==> flow/design.v <==
module dp_plus_rtl #(
    parameter DATA_WIDTH = 72
) (
    input wire clk,
    input wire rst_ni,
    input wire [DATA_WIDTH-1:0] i_da,
    input wire [DATA_WIDTH-1:0] i_db,
    input wire i_cin,
    output reg [DATA_WIDTH-1:0] o_total,
    output reg o_ovf
);
    localparam GROUPS = DATA_WIDTH / 4;
    wire [DATA_WIDTH-1:0] tmp;
    wire [GROUPS:0] carry;
    assign carry[0] = i_cin;
    genvar g;
    generate
        for (g = 0; g < GROUPS; g = g + 1) begin : slice
            dp_plus_rtl_nibble el (.a(i_da[4*g +: 4]), .b(i_db[4*g +: 4]), .ci(carry[g]), .s(tmp[4*g +: 4]), .co(carry[g+1]));
        end
    endgenerate
    always @(posedge clk or negedge rst_ni) begin
        if (~rst_ni) begin
            o_total <= 0;
        end else begin
            o_total <= tmp;
        end
    end
    always @(posedge clk or negedge rst_ni) begin
        if (~rst_ni) begin
            o_ovf <= 1'b0;
        end else begin
            o_ovf <= carry[GROUPS];
        end
    end
endmodule
module dp_plus_rtl_nibble (
    input wire [3:0] a,
    input wire [3:0] b,
    input wire ci,
    output wire [3:0] s,
    output wire co
);
    wire [3:0] g = a & b;
    wire [3:0] p = a ^ b;
    wire c1 = g[0] | (p[0] & ci);
    wire c2 = g[1] | (p[1] & g[0]) | (p[1] & p[0] & ci);
    wire c3 = g[2] | (p[2] & g[1]) | (p[2] & p[1] & g[0]) | (p[2] & p[1] & p[0] & ci);
    assign co = g[3] | (p[3] & g[2]) | (p[3] & p[2] & g[1]) | (p[3] & p[2] & p[1] & g[0]) | (&p & ci);
    assign s = p ^ {c3, c2, c1, ci};
endmodule
Step by step through the tools: dp_plus_rtl
What the tools print for dp_plus_rtl, step after step.
Line numbers count from 1 in the design file above.
Operators carry their Yosys type and port widths (W data, S select, Z words).
Library cell names are shortened.
A cell with -- has no value.

inputs
  top = dp_plus_rtl
  clock port = clk
  library = sky130hd
  library corner = tt_025C_1v80

Word-level counts
Source: Yosys, flattened and elaborated, memories not mapped. Widths are those after wreduce; folded enables and synchronous resets count as part of the registers. Registers that Yosys merges into a memory's read port (data or address) are not register bits. Print and check cells do not count. Equal cells are merged and count once.

storage and ports
  flip-flop bits (word level) = 73
  cells after elaboration = 524
  bits of input ports = 147

cells by class
  bitwise logic cells = 504
  reduce/logical cells = 18

operators by type and width
  kind               number
  $and A1 B1 Y1      270
  $or A1 B1 Y1       180
  $xor A4 B4 Y4      36
  $and A4 B4 Y4      18
  $reduce_and A4 Y1  18

Depth
Longest topological path by Yosys (ltp), each cell counted once; first at word level (registers and memories cut), then after technology mapping (sequential cells cut; the memories' decode and read muxes count).

depth
  depth in word-level cells = 41
  ABC_AREA = 0
  depth in mapped cells = 12
  mapped depth without buffers = 12

Netlist
The flow's flattened synthesis, as Yosys stat reports it; memories are mapped. The netlist is that of the ABC_AREA named above (0 if unset); the other value can give another one.

synthesis totals
  sequential part of the area = 1826.8 µm²
  mapped flip-flops = 73
  buffer cells = 0
  mapped cells = 482
  synthesis area = 5117.4 µm²

cells by type
  cell type  number
  dfrtp_1    73
  ha_1       72
  fa_1       18
  xor2_1     27
  a21oi_1    46
  xnor2_1    17
  inv_1      33
  nand2_1    27
  a21o_1     12
  o21ai_0    14
  nor3_1     13
  nand4_1    10
  nor2_1     16
  o21bai_1   8
  nand2b_1   8
  o21a_1     6
  a211oi_1   5
  o31ai_2    3

Not listed: further types 42, cells in them 74.
By module: a second synthesis without flattening, with its own total; a netlist apart from the flattened one above.

unflattened totals
  cell total of the unflattened synthesis = 379
  area (unflattened synthesis) = 4484.3 µm²

Rows give one instance, submodules left out.

by module
  module              area (µm²)  instances  cells
  dp_plus_rtl_nibble  147.6       18         17
  dp_plus_rtl         1826.8      1          73

Timing after synthesis
Path of least setup slack by OpenSTA after synthesis, without wires, with an ideal clock, recovery checks aside; 20% of the period is set as input and as output delay. Where synthesis merged equal registers, the netlist keeps one of their names.

path post-synthesis
  path kind = input -> register
  start = input i_da[43]
  end = register o_total[65]
  time at the first pin = 0.798 ns
  path slack = 0.638 ns
  setup time = 0.124 ns
  path buffers = 0
  data arrival time = 3.228 ns
  period = 3.99 ns
  stages = 11
  path delay = 2.554 ns
  data required time = 3.866 ns
  synthesis period reached = 3.352 ns

"path delay" = arrival - input delay + setup time.
"stages" counts driving pins, that of a launching flip-flop among them; a cell with two outputs on the path counts twice.
"synthesis period reached" = period - worst setup slack (recovery checks aside). The figure is calculated, with input and output delays left at 20% of the set period.
The rows between start and end are the longest chain of elaborated cells between them; the timing report does not say that the signal goes this way. Where chains are equally long, one stands for them.
A line is the first line of the expression or statement that the cell stems from. Yosys adds cells for indexed reads and writes and turns some case tables into memories.

between the ends, post-synthesis
  path through = ha_1 -> a21oi_1 -> o21ai_1 -> a221o_1 -> a21o_1 -> a211oi_2 -> a21bo_4 -> a211oi_1 -> or3_1 -> fa_1 -> xor2_1
  cells in the longest elaborated chain = 19
  elaborated cells between the ends (all ways) = 26
  those cells by class = logic: 25; reduce/logical: 1

RTL lines, path post-synthesis
  element           line  source
  start, declared   6     input wire [DATA_WIDTH-1:0] i_da,
  $xor A4 B4 Y4     45    wire [3:0] p = a ^ b;
  $and A1 B1 Y1     49    assign co = g[3] | (p[3] & g[2]) | (p[3] & p[2] & g[1]) | (p[3] & p[2] & p[1] & g[0]) | (&p & ci);
  $or A1 B1 Y1 x4   49
  $and A1 B1 Y1     49
  $or A1 B1 Y1      49
  $and A1 B1 Y1     49
  $or A1 B1 Y1      49
  [... 2 more ...]  --
  $and A1 B1 Y1     49
  $or A1 B1 Y1      49
  $and A1 B1 Y1     49
  $or A1 B1 Y1      49
  $and A1 B1 Y1     46    wire c1 = g[0] | (p[0] & ci);
  $or A1 B1 Y1      46
  $xor A4 B4 Y4     50    assign s = p ^ {c3, c2, c1, ci};
  end, assigned     24    o_total <= 0;
  end, assigned     26    o_total <= tmp;
  end, declared     9     output reg [DATA_WIDTH-1:0] o_total,

Path in the finished layout
Path of least setup slack in the final report of flow run A (OpenROAD, finished layout, wires in). Where an end is a register, its clock arrival counts in the times.

path after layout
  path kind = input -> register
  start = input i_da[18]
  end = register o_total[60]
  time at the first pin = 0.49 ns
  path slack = -0.44 ns
  data arrival time = 3.09 ns
  path buffers = 2
  stages = 12
  period = 2.44 ns
  setup time = 0.12 ns
  data required time = 2.65 ns

The rows between start and end are the longest chain of elaborated cells between them; the timing report does not say that the signal goes this way. Where chains are equally long, one stands for them.

between the ends, after layout
  path through = clkdlybuf4s15_1 -> ha_4 -> nand4_4 -> nor2_4 -> nand2_1 -> o31a_1 -> or2_4 -> buf_6 -> a211oi_4 -> a21boi_2 -> o21ai_2 -> fa_1
  cells in the longest elaborated chain = 27
  elaborated cells between the ends (all ways) = 34
  those cells by class = logic: 33; reduce/logical: 1

RTL lines, path after layout
  element            line  source
  start, declared    6     input wire [DATA_WIDTH-1:0] i_da,
  $and A4 B4 Y4      44    wire [3:0] g = a & b;
  $and A1 B1 Y1      49    assign co = g[3] | (p[3] & g[2]) | (p[3] & p[2] & g[1]) | (p[3] & p[2] & p[1] & g[0]) | (&p & ci);
  $or A1 B1 Y1 x4    49
  $and A1 B1 Y1      49
  $or A1 B1 Y1       49
  $and A1 B1 Y1      49
  $or A1 B1 Y1       49
  [... 10 more ...]  --
  $and A1 B1 Y1      49
  $or A1 B1 Y1       49
  $and A1 B1 Y1      49
  $or A1 B1 Y1       49
  $and A1 B1 Y1      49
  $or A1 B1 Y1       49
  $xor A4 B4 Y4      50    assign s = p ^ {c3, c2, c1, ci};
  end, assigned      24    o_total <= 0;
  end, assigned      26    o_total <= tmp;
  end, declared      9     output reg [DATA_WIDTH-1:0] o_total,

Data sheet: physical implementation of dp_plus_rtl

Record of 3 stored runs of the RTL-to-layout flow on dp_plus_rtl, platform sky130hd. The runs are unordered. Constraints: input delay and output delay 20% of the set period each, output load 0.01 pF.
"achieved clock period (ns)": clock period set for the run, less the worst setup slack. It is reckoned from that one timing run; input and output delays stay at 20% of the period that was set.
"worst setup path time (ns)" is the time allowed to the run's worst setup path (the clock period less input and output delay, where it has them) less its slack. Clock arrival times count: a late capture clock shortens it, a late launch clock lengthens it.
"finish__power__total" is the tool's figure for a default switching activity; nothing was simulated.

settings of flow run A
{
  "period_ns": 2.44,
  "CORE_UTILIZATION": 34,
  "PLACE_DENSITY": 0.48,
  "CORE_ASPECT_RATIO": 0.55,
  "CORE_MARGIN": 3,
  "CELL_PAD_IN_SITES_GLOBAL_PLACEMENT": 1,
  "TNS_END_PERCENT": 85,
  "CAP_MARGIN": 5,
  "SLEW_MARGIN": 20
}
report of flow run A
yosys chip area after synthesis (um^2): 5117.4
finish__design__die__area: 16625.7
finish__design__instance__area__stdcell: 10681.5
finish__design__instance__utilization: 0.7431
finish__timing__setup__ws: -0.441
finish__timing__setup__tns: -14.118
finish__timing__hold__ws: 0.118
finish__power__total: 5.641e-03
achieved clock period (ns): 2.881
worst setup path time (ns): 2.39
worst setup path kind: input -> register

settings of flow run B
{
  "period_ns": 3.99,
  "CAP_MARGIN": 20,
  "CORE_MARGIN": 2,
  "CORE_UTILIZATION": 40,
  "SLEW_MARGIN": 20
}
report of flow run B
yosys chip area after synthesis (um^2): 5117.4
finish__design__die__area: 13714.8
finish__design__instance__area__stdcell: 8003.9
finish__design__instance__utilization: 0.6368
finish__timing__setup__ws: 0.350
finish__timing__setup__tns: 0.000
finish__timing__hold__ws: 0.596
finish__power__total: 2.862e-03
achieved clock period (ns): 3.640
worst setup path time (ns): 2.84
worst setup path kind: input -> register

settings of flow run C
{
  "period_ns": 4.43,
  "CORE_UTILIZATION": 63,
  "PLACE_DENSITY": 0.46,
  "CORE_ASPECT_RATIO": 0.99,
  "CELL_PAD_IN_SITES_GLOBAL_PLACEMENT": 2,
  "GPL_TIMING_DRIVEN": 0,
  "CTS_CLUSTER_SIZE": 69,
  "CAP_MARGIN": 35,
  "SLEW_MARGIN": 30,
  "CORE_MARGIN": 2
}
report of flow run C: did not finish, place, GPL-0301
